==> flow/design.v <==
module mult_rtl #(
    parameter int DWIDTH = 4
) (
    input  logic aclk,
    input  logic rst_ni,
    input  logic [DWIDTH-1:0] arg0,
    input  logic [DWIDTH-1:0] arg1,
    output logic [2*DWIDTH-1:0] res
);
    logic [DWIDTH-1:0] arg0_s;
    logic [DWIDTH-1:0] arg1_s;
    localparam int HALF = DWIDTH / 2;
    logic [DWIDTH-1:0] ll;
    half_mul #(.N(HALF)) el (.a(arg0_s[HALF-1:0]), .b(arg1_s[HALF-1:0]), .p(ll));
    logic [DWIDTH-1:0] lh;
    half_mul #(.N(HALF)) inst (.a(arg0_s[HALF-1:0]), .b(arg1_s[DWIDTH-1:HALF]), .p(lh));
    logic [DWIDTH-1:0] hl;
    half_mul #(.N(HALF)) i_sub (.a(arg0_s[DWIDTH-1:HALF]), .b(arg1_s[HALF-1:0]), .p(hl));
    logic [DWIDTH-1:0] hh;
    half_mul #(.N(HALF)) u0 (.a(arg0_s[DWIDTH-1:HALF]), .b(arg1_s[DWIDTH-1:HALF]), .p(hh));
    logic [DWIDTH-1:0] ll_s;
    logic [DWIDTH-1:0] lh_s;
    logic [DWIDTH-1:0] hl_s;
    logic [DWIDTH-1:0] hh_s;
    logic [DWIDTH:0] w2;
    assign w2 = lh_s + hl_s;
    always_ff @(posedge aclk or negedge rst_ni) begin
        if (~rst_ni) begin
            arg0_s <= '0;
            arg1_s <= '0;
            ll_s <= '0;
            lh_s <= '0;
            hl_s <= '0;
            hh_s <= '0;
            res <= '0;
        end else begin
            arg0_s <= arg0;
            arg1_s <= arg1;
            ll_s <= ll;
            lh_s <= lh;
            hl_s <= hl;
            hh_s <= hh;
            res <= {hh_s, ll_s} + {w2, {HALF{1'b0}}};
        end
    end
endmodule
module half_mul #(parameter N = 4) (
    input logic [N-1:0] a,
    input logic [N-1:0] b,
    output logic [2*N-1:0] p
);
    assign p = a * b;
endmodule
* From RTL to reports: mult_rtl
What the tools print for mult_rtl, step after step. Lines are those of the file above, counted from 1. Operators carry their Yosys type and port widths (W data, S select, Z words). Cell names lack the library's common part. Not given: -
Inputs: design top mult_rtl, clock input aclk, cell library sky130hd, timing corner tt_025C_1v80

* After elaboration
Source: Yosys, flattened and elaborated, memories not mapped. Widths are those after wreduce; folded enables and synchronous resets count as part of the registers. Registers that Yosys merges into a memory's read port (data or address) are not register bits. Print and check cells do not count. Equal cells are merged and count once.
Bit counts: register bits after elaboration 32, input port bits 10, output and inout port bits 8, cells after elaboration 13
Operators by class: add/sub/neg operators 2, $mul 4
Operators with widths (count):
- $mul A2 B2 Y4 | 4
- $add A8 B7 Y8 | 1
- $add A4 B4 Y5 | 1

* Logic depth
Yosys ltp: most cells in a row. Word level: on the elaborated netlist, between registers, memories and ports. Mapped: between sequential cells and ports; inverters and the memories' decode and read muxes count.
Logic depth: depth in word-level cells 2, ABC_AREA 0, gate-level depth with buffers 10, depth with buffers taken out 10

* After synthesis
Source: synth_stat.txt of the flow (Yosys; design flattened, memories mapped). It holds for the ABC_AREA given above (unset counts as 0); a run with the other value may have another netlist.
Mapped netlist: sequential area 800.8 sq um, cell count 97, flip-flops 32, chip area (Yosys) 1346.3 sq um
Cells by type:
- dfrtp_1 | count 32, total area 800.768 sq um
- ha_1 | count 18, total area 225.216 sq um
- and2_1 | count 16, total area 100.096 sq um
- fa_1 | count 2, total area 40.038 sq um
- xnor2_1 | count 3, total area 26.275 sq um
- xor2_1 | count 2, total area 17.517 sq um
- a21o_1 | count 2, total area 15.014 sq um
- a21oi_1 | count 3, total area 15.014 sq um
- inv_1 | count 4, total area 15.014 sq um
- nor2b_1 | count 2, total area 12.512 sq um
- a2111oi_1 | count 1, total area 10.01 sq um
- nand3_1 | count 2, total area 10.01 sq um
- a211o_1 | count 1, total area 8.758 sq um
- and3b_1 | count 1, total area 8.758 sq um
- nor4b_1 | count 1, total area 8.758 sq um
- nand2_1 | count 2, total area 7.507 sq um
- nor2_1 | count 2, total area 7.507 sq um
- nand2b_1 | count 1, total area 6.256 sq um
Other cell types: 2; their cells: 2. By module: a second synthesis without flattening, with its own total; a netlist apart from the flattened one above.
Second synthesis, totals: cell total of the unflattened synthesis 90, area (unflattened synthesis) 1312.5 sq um
Each row is one instance without its submodules.
Modules:
- mult_rtl | instances 1, sequential area 800.8 sq um, cells 66, area 1112.3 sq um
- half_mul #(N=2) | instances 4, sequential area 0.0 sq um, cells 6, area 50.0 sq um

* Path before layout
OpenSTA on the mapped netlist: ideal clock, no wires. The path of least setup slack (recovery checks aside). Input and output delay are each 20% of the period. Register names are those of the netlist, which keeps one name where synthesis merged equal registers.
Timing after synthesis: kind flip-flop to flip-flop, from register lh_s[0], to register res[7], path slack 511 ps, path buffers 0, time at the first pin 0 ps, clock period 2560 ps, arrival time 1914 ps, path delay 2049 ps, stages 11, synthesis period reached 2049 ps
"path delay" = arrival - input delay + setup time. "stages": output pins that drive a net of the path, with the launching flip-flop's if there is one; two outputs of one cell count as two. "synthesis period reached" is the clock period less the worst setup slack; recovery checks do not enter. This is arithmetic on one report: input and output delays are still those of the set period (20% each). Between the ends stands the longest chain of elaborated cells between them, by number of cells; it is not shown to be the way that was timed. Of several equally long chains one is given. A line is the first line of the expression or statement that the cell stems from. Yosys adds cells for indexed reads and writes and turns some case tables into memories.
On the way, after synthesis: cells stage by stage dfrtp_1 > ha_1 > inv_1 > fa_1 > nor2b_1 > o21ai_0 > nand2b_1 > ha_1 > and3b_1 > a2111oi_1 > nand3_1, length of the longest elaborated chain 2, elaborated cells on any way between the ends 2, RTL lines with such cells 2
Ends and longest elaborated chain, after synthesis:
- start: declaration | line 22 | logic [DWIDTH-1:0] lh_s;
- start: assignment | line 32 | lh_s <= '0;
- start: assignment | line 40 | lh_s <= lh;
- $add A4 B4 Y5 | line 26 | assign w2 = lh_s + hl_s;
- $add A8 B7 Y8 | line 43 | res <= {hh_s, ll_s} + {w2, {HALF{1'b0}}};
- end: assignment | line 35 | res <= '0;
- end: assignment | line 43
- end: declaration | line 8 | output logic [2*DWIDTH-1:0] res

* Worst path after layout
From the final timing report of record 2: the path of least setup slack in the routed layout; clock arrival at registers is part of the times. The path's times are printed in steps of 10 ps; the period is the one set.
Timing post-layout: kind flip-flop to flip-flop, from register lh_s[0], to register res[7], stages 11, time at the first pin 310 ps, arrival time 2380 ps, path buffers 0, path slack 380 ps, clock period 2560 ps
Between the ends stands the longest chain of elaborated cells between them, by number of cells; it is not shown to be the way that was timed. Of several equally long chains one is given.
On the way, post-layout: cells stage by stage dfrtp_1 > ha_1 > inv_1 > fa_1 > nor2b_1 > o21ai_0 > nand2b_1 > ha_1 > and3b_1 > a2111oi_1 > nand3_1, length of the longest elaborated chain 2, elaborated cells on any way between the ends 2, RTL lines with such cells 2
Ends and longest elaborated chain, post-layout:
- start: declaration | line 22 | logic [DWIDTH-1:0] lh_s;
- start: assignment | line 32 | lh_s <= '0;
- start: assignment | line 40 | lh_s <= lh;
- $add A4 B4 Y5 | line 26 | assign w2 = lh_s + hl_s;
- $add A8 B7 Y8 | line 43 | res <= {hh_s, ll_s} + {w2, {HALF{1'b0}}};
- end: assignment | line 35 | res <= '0;
- end: assignment | line 43
- end: declaration | line 8 | output logic [2*DWIDTH-1:0] res

FLOW RESULTS
============

Design mult_rtl on sky130hd. What follows are 3 stored runs of the flow, each under its own settings; their order means nothing. The constraints put input and output delay at 20% of the set period each and load the outputs with 0.01 pF.
"clock period achieved": clock period set for the run, less the worst setup slack. It is reckoned from that one timing run; input and output delays stay at 20% of the period that was set.
"time on the worst setup path" is the time allowed to the run's worst setup path (the clock period less input and output delay, where it has them) less its slack. Clock arrival times count: a late capture clock shortens it, a late launch clock lengthens it.
"total power after layout": no workload was simulated; the value follows from the tool's default switching activity.
"time on the worst setup path" is given in steps of 10 ps.

[record 1] flow files
==> flow/run.sh <==
#!/bin/bash
# the make line also repeats the synthesis and layout settings of config.mk as NAME=value (left out here)
make -C /OpenROAD-flow-scripts/flow DESIGN_CONFIG=/design/flow/config.mk WORK_HOME=/design/flow/orfs CLKGATE_MAP_FILE= finish
==> flow/config.mk <==
export PLATFORM = sky130hd
export DESIGN_NAME = mult_rtl
export DESIGN_NICKNAME = mult_rtl
export VERILOG_FILES = /design/flow/design.v
export SDC_FILE = /design/flow/constraint.sdc
export NUM_CORES = 4
export LEC_CHECK = 0
export ABC_AREA = 1
export CAP_MARGIN = 20
export CELL_PAD_IN_SITES_DETAIL_PLACEMENT = 2
export CORE_MARGIN = 2
export CORE_UTILIZATION = 62
export GPL_TIMING_DRIVEN = 0
export PLACE_DENSITY_LB_ADDON = 0.12
export SETUP_SLACK_MARGIN = 0.24
export SLEW_MARGIN = 20
export TNS_END_PERCENT = 50
==> flow/constraint.sdc <==
create_clock -name core_clock -period 3.95 [get_ports {aclk}]
set_input_delay 0.7900 -clock core_clock [delete_from_list [all_inputs] [get_ports {aclk}]]
set_output_delay 0.7900 -clock core_clock [all_outputs]
set_load 0.01 [all_outputs]

[record 1] result: not finished: placement ended with error DPL-0033

[record 2] flow files
==> flow/run.sh <==
#!/bin/bash
# the make line also repeats the synthesis and layout settings of config.mk as NAME=value (left out here)
make -C /OpenROAD-flow-scripts/flow DESIGN_CONFIG=/design/flow/config.mk WORK_HOME=/design/flow/orfs CLKGATE_MAP_FILE= finish
==> flow/config.mk <==
export PLATFORM = sky130hd
export DESIGN_NAME = mult_rtl
export DESIGN_NICKNAME = mult_rtl
export VERILOG_FILES = /design/flow/design.v
export SDC_FILE = /design/flow/constraint.sdc
export NUM_CORES = 4
export LEC_CHECK = 0
export CAP_MARGIN = 20
export CORE_MARGIN = 2
export CORE_UTILIZATION = 40
export SLEW_MARGIN = 20
==> flow/constraint.sdc <==
create_clock -name core_clock -period 2.56 [get_ports {aclk}]
set_input_delay 0.5120 -clock core_clock [delete_from_list [all_inputs] [get_ports {aclk}]]
set_output_delay 0.5120 -clock core_clock [all_outputs]
set_load 0.01 [all_outputs]

[record 2] result: chip area after synthesis (Yosys) 1346.3 sq um; total die area 3845.9 sq um; std-cell area (final layout) 1646.6 sq um; utilization in the final report 50.1 %; lowest setup slack 381 ps; total negative setup slack 0 ps; worst-case hold slack 353 ps; total power after layout 1.063 mW; clock period achieved 2179 ps; time on the worst setup path 2180 ps; critical path kind flip-flop to flip-flop

[record 3] flow files
==> flow/run.sh <==
#!/bin/bash
# the make line also repeats the synthesis and layout settings of config.mk as NAME=value (left out here)
make -C /OpenROAD-flow-scripts/flow DESIGN_CONFIG=/design/flow/config.mk WORK_HOME=/design/flow/orfs CLKGATE_MAP_FILE= finish
==> flow/config.mk <==
export PLATFORM = sky130hd
export DESIGN_NAME = mult_rtl
export DESIGN_NICKNAME = mult_rtl
export VERILOG_FILES = /design/flow/design.v
export SDC_FILE = /design/flow/constraint.sdc
export NUM_CORES = 4
export LEC_CHECK = 0
export CAP_MARGIN = 20
export CORE_MARGIN = 2
export CORE_UTILIZATION = 35
export GPL_TIMING_DRIVEN = 1
export MAX_ROUTING_LAYER = met4
export PLACE_DENSITY_LB_ADDON = 0.2
export SETUP_SLACK_MARGIN = 0.59
export SLEW_MARGIN = 20
==> flow/constraint.sdc <==
create_clock -name core_clock -period 2.18 [get_ports {aclk}]
set_input_delay 0.4360 -clock core_clock [delete_from_list [all_inputs] [get_ports {aclk}]]
set_output_delay 0.4360 -clock core_clock [all_outputs]
set_load 0.01 [all_outputs]

[record 3] result: chip area after synthesis (Yosys) 1346.3 sq um; total die area 4358.6 sq um; std-cell area (final layout) 1800.5 sq um; utilization in the final report 48.8 %; lowest setup slack 176 ps; total negative setup slack 0 ps; worst-case hold slack 346 ps; total power after layout 1.525 mW; clock period achieved 2004 ps; time on the worst setup path 2000 ps; critical path kind flip-flop to flip-flop
